==> flow/design.v <==
module sh_core_v2 #(
   parameter DWIDTH = 8,
   parameter SEL_WIDTH = $clog2(DWIDTH)
) (
   input  clock,
   input  reset,
   input  [DWIDTH-1:0] in_src,
   input  [SEL_WIDTH-1:0] in_n,
   output [DWIDTH-1:0] out_dout
);
   reg [DWIDTH-1:0] src_d1;
   reg [SEL_WIDTH-1:0] n_d1;
   reg [DWIDTH-1:0] nxt_d1;
   reg [1:0] n_d1_lo;
   reg [DWIDTH-1:0] dout_d1;
   assign out_dout = dout_d1;
   always @(posedge clock) begin
      if (reset) begin
         src_d1 <= 0;
         n_d1 <= 0;
         nxt_d1 <= 0;
         n_d1_lo <= 0;
         dout_d1 <= 0;
      end else begin
         src_d1 <= in_src;
         n_d1 <= in_n;
         nxt_d1 <= src_d1 << {n_d1[SEL_WIDTH-1:2], 2'b00};
         n_d1_lo <= n_d1[1:0];
         dout_d1 <= nxt_d1 << n_d1_lo;
      end
   end
endmodule
======== Step by step through the tools: sh_core_v2 ========
What the tools print for sh_core_v2, step after step.
Line numbers count from 1 in the design file above.
Operators: Yosys type, input widths -> output width; for muxes data width and select width s.
Cell names lack the library's common part.
Not given: -
set-up
  top module .............................. sh_core_v2
  clock ................................... clock
  cell library ............................ sky130hd
  library corner .......................... tt_025C_1v80

======== After elaboration ========
Yosys after proc, flatten, opt, wreduce and memory -nomap, before mapping. Enables and synchronous resets that opt folds into registers are not counted as muxes. Memory bits, and registers merged into a memory's read port (data or address), are not among the register bits. Print and check cells are not counted. Equal cells are merged and count once.
cells by class
  shifts and indexed selects .............. 2
operators with widths
  cell         number
  $shl 8x2->8  1
  $shl 8x3->8  1
word-level totals
  bits in registers ....................... 29
  input bits .............................. 13
  output and inout port bits .............. 8
  word-level cells ........................ 7

======== Depth ========
Depth = most cells in a row (Yosys ltp): at word level without a register or memory, in the mapped netlist without a sequential cell, where the memories' decode and read muxes count.
depth
  depth after elaboration ................. 1
  ABC_AREA ................................ 0
  gate-level depth with buffers ........... 3
  depth with buffers taken out ............ 3

======== After synthesis ========
Yosys stat after the flow's synthesis: flattened, memories mapped to cells. It holds for the ABC_AREA given above (unset counts as 0); a run with the other value may have another netlist.
synthesis totals
  mapped cells ............................ 80
  synthesis area .......................... 949.7 um2
  sequential area ......................... 580.6 um2
  flip-flop cells ......................... 29
  buffers ................................. 5
cells by type
  cell type  number  total area (um2)
  dfxtp_1    29      580.557
  mux2i_1    11      110.106
  nor2b_1    10      62.56
  and2b_1    4       30.029
  and2_1     4       25.024
  o22ai_1    4       25.024
  nor2_1     6       22.522
  a211oi_1   2       15.014
  nor3b_2    1       12.512
  o22ai_2    1       12.512
  buf_6      1       11.261
  nand2b_2   1       8.758
  buf_4      1       7.507
  nand2b_1   1       6.256
  or2_1      1       6.256
  buf_2      1       5.005
  clkbuf_2   1       5.005
  clkbuf_1   1       3.754

======== Worst setup path after synthesis ========
Source: OpenSTA report_checks on the synthesized netlist (no wires, ideal clock, input and output delay 20% of the period each), path of least setup slack; recovery checks are left aside. Register names are those of the netlist, which keeps one name where synthesis merged equal registers.
timing after synthesis
  path type ............................... reg2reg
  from .................................... reg n_d1_lo[0]
  to ...................................... reg dout_d1[3]
  period .................................. 1.17 ns
  setup time .............................. 0.128 ns
  launch time at the first pin ............ 0.000 ns
  arrival time ............................ 0.805 ns
  required time ........................... 1.042 ns
  slack ................................... 0.237 ns
  delay of the path ....................... 0.933 ns
  driving pins on the path ................ 4
  buffers on the path ..................... 1
  synthesis period reached ................ 0.933 ns
"delay of the path" is the arrival time less input delay plus setup time.
"driving pins on the path": output pins that drive a net of the path, with the launching flip-flop's if there is one; two outputs of one cell count as two.
"synthesis period reached" = period - worst setup slack (recovery checks aside). The figure is calculated, with input and output delays left at 20% of the set period.
The rows between start and end are the longest chain of elaborated cells between them; the timing report does not say that the signal goes this way. Where chains are equally long, one stands for them.
A line is the first line of the expression or statement that the cell stems from. Yosys adds cells for indexed reads and writes and turns some case tables into memories.
on the way, after synthesis
  path through ............................ dfxtp_1 buf_4 mux2i_1 o22ai_2
  length of the longest elaborated chain .. 1
  elaborated cells between the ends (all ways) .. 1
  RTL lines with such cells ............... 1
  classes of those cells .................. 1 x shift
ends and longest elaborated chain, after synthesis
  what             RTL line  RTL
  start, declared  14        reg [1:0] n_d1_lo;
  start, assigned  22        n_d1_lo <= 0;
  start, assigned  28        n_d1_lo <= n_d1[1:0];
  $shl 8x2->8      29        dout_d1 <= nxt_d1 << n_d1_lo;
  end, assigned    23        dout_d1 <= 0;
  end, assigned    29
  end, declared    15        reg [DWIDTH-1:0] dout_d1;

======== Timing after layout ========
From the final timing report of entry A: the path of least setup slack in the routed layout; clock arrival at registers is part of the times.
timing post-layout
  path type ............................... reg2reg
  from .................................... reg n_d1_lo[0]
  to ...................................... reg dout_d1[5]
  period .................................. 0.764 ns
  setup time .............................. 0.11 ns
  launch time at the first pin ............ 0.31 ns
  arrival time ............................ 1.17 ns
  required time ........................... 0.97 ns
  slack ................................... -0.19 ns
  driving pins on the path ................ 4
  buffers on the path ..................... 1
The rows between start and end are the longest chain of elaborated cells between them; the timing report does not say that the signal goes this way. Where chains are equally long, one stands for them.
on the way, post-layout
  path through ............................ dfxtp_4 buf_6 mux2i_2 o22ai_1
  length of the longest elaborated chain .. 1
  elaborated cells between the ends (all ways) .. 1
  RTL lines with such cells ............... 1
  classes of those cells .................. 1 x shift
ends and longest elaborated chain, post-layout
  what             RTL line  RTL
  start, declared  14        reg [1:0] n_d1_lo;
  start, assigned  22        n_d1_lo <= 0;
  start, assigned  28        n_d1_lo <= n_d1[1:0];
  $shl 8x2->8      29        dout_d1 <= nxt_d1 << n_d1_lo;
  end, assigned    23        dout_d1 <= 0;
  end, assigned    29
  end, declared    15        reg [DWIDTH-1:0] dout_d1;

==> runs of sh_core_v2 <==
Stored flow runs of sh_core_v2 (3 of them; Yosys, OpenROAD, sky130hd). They differ in their settings and are not a sequence. Constraints: input delay and output delay 20% of the set period each, output load 0.01 pF.
"clock period reached" = clock period - worst setup slack. The figure is calculated, with input and output delays left at 20% of the set period.
"time used up by the worst setup path" is the time allowed to the run's worst setup path (the clock period less input and output delay, where it has them) less its slack. Clock arrival times count: a late capture clock shortens it, a late launch clock lengthens it.
"total power after layout": no workload was simulated; the value follows from the tool's default switching activity.

---- entry A ----
settings
  period_ns = 0.764
  CORE_UTILIZATION = 28
  PLACE_DENSITY_LB_ADDON = 0.25
  HOLD_SLACK_MARGIN = 0.03
  CELL_PAD_IN_SITES_GLOBAL_PLACEMENT = 1
  TNS_END_PERCENT = 75
  GPL_TIMING_DRIVEN = 1
  GPL_ROUTABILITY_DRIVEN = 1
  CTS_CLUSTER_SIZE = 49
  CTS_CLUSTER_DIAMETER = 100
  MIN_ROUTING_LAYER = met1
  MAX_ROUTING_LAYER = met4
  CAP_MARGIN = 20
  CORE_MARGIN = 2
  SLEW_MARGIN = 20
results
  time used up by the worst setup path .... 0.96 ns
  type of the worst setup path ............ reg2reg
  chip area after synthesis (Yosys) ....... 949.7 um2
  worst hold slack ........................ 0.365 ns
  total power after layout ................ 2.718 mW
  die outline area ........................ 3873.2 um2
  worst slack on setup checks ............. -0.193 ns
  clock period reached .................... 0.957 ns
  standard-cell area of the final layout .. 1287.5 um2
  utilization ............................. 0.392
  total negative setup slack .............. -2.303 ns

---- entry B ----
settings
  period_ns = 1.31
  CORE_UTILIZATION = 59
  SETUP_SLACK_MARGIN = 0.18
  PLACE_DENSITY_LB_ADDON = 0.03
  CORE_MARGIN = 5
  CELL_PAD_IN_SITES_GLOBAL_PLACEMENT = 0
  GPL_TIMING_DRIVEN = 0
  GPL_ROUTABILITY_DRIVEN = 0
  CAP_MARGIN = 40
  MIN_ROUTING_LAYER = met1
  MAX_ROUTING_LAYER = met4
  SLEW_MARGIN = 20
results
  worst hold slack ........................ 0.441 ns
  chip area after synthesis (Yosys) ....... 949.7 um2
  time used up by the worst setup path .... 0.82 ns
  type of the worst setup path ............ in2reg
  clock period reached .................... 1.078 ns
  standard-cell area of the final layout .. 1202.4 um2
  die outline area ........................ 2512.0 um2
  utilization ............................. 0.789
  total power after layout ................ 1.655 mW
  total negative setup slack .............. 0.000 ns
  worst slack on setup checks ............. 0.232 ns

---- entry C ----
settings
  period_ns = 1.17
  CAP_MARGIN = 20
  CORE_MARGIN = 2
  CORE_UTILIZATION = 40
  SLEW_MARGIN = 20
results
  worst hold slack ........................ 0.437 ns
  worst slack on setup checks ............. 0.051 ns
  utilization ............................. 0.564
  standard-cell area of the final layout .. 1258.7 um2
  die outline area ........................ 2779.9 um2
  chip area after synthesis (Yosys) ....... 949.7 um2
  total negative setup slack .............. 0.000 ns
  time used up by the worst setup path .... 0.89 ns
  type of the worst setup path ............ reg2out
  total power after layout ................ 1.859 mW
  clock period reached .................... 1.119 ns
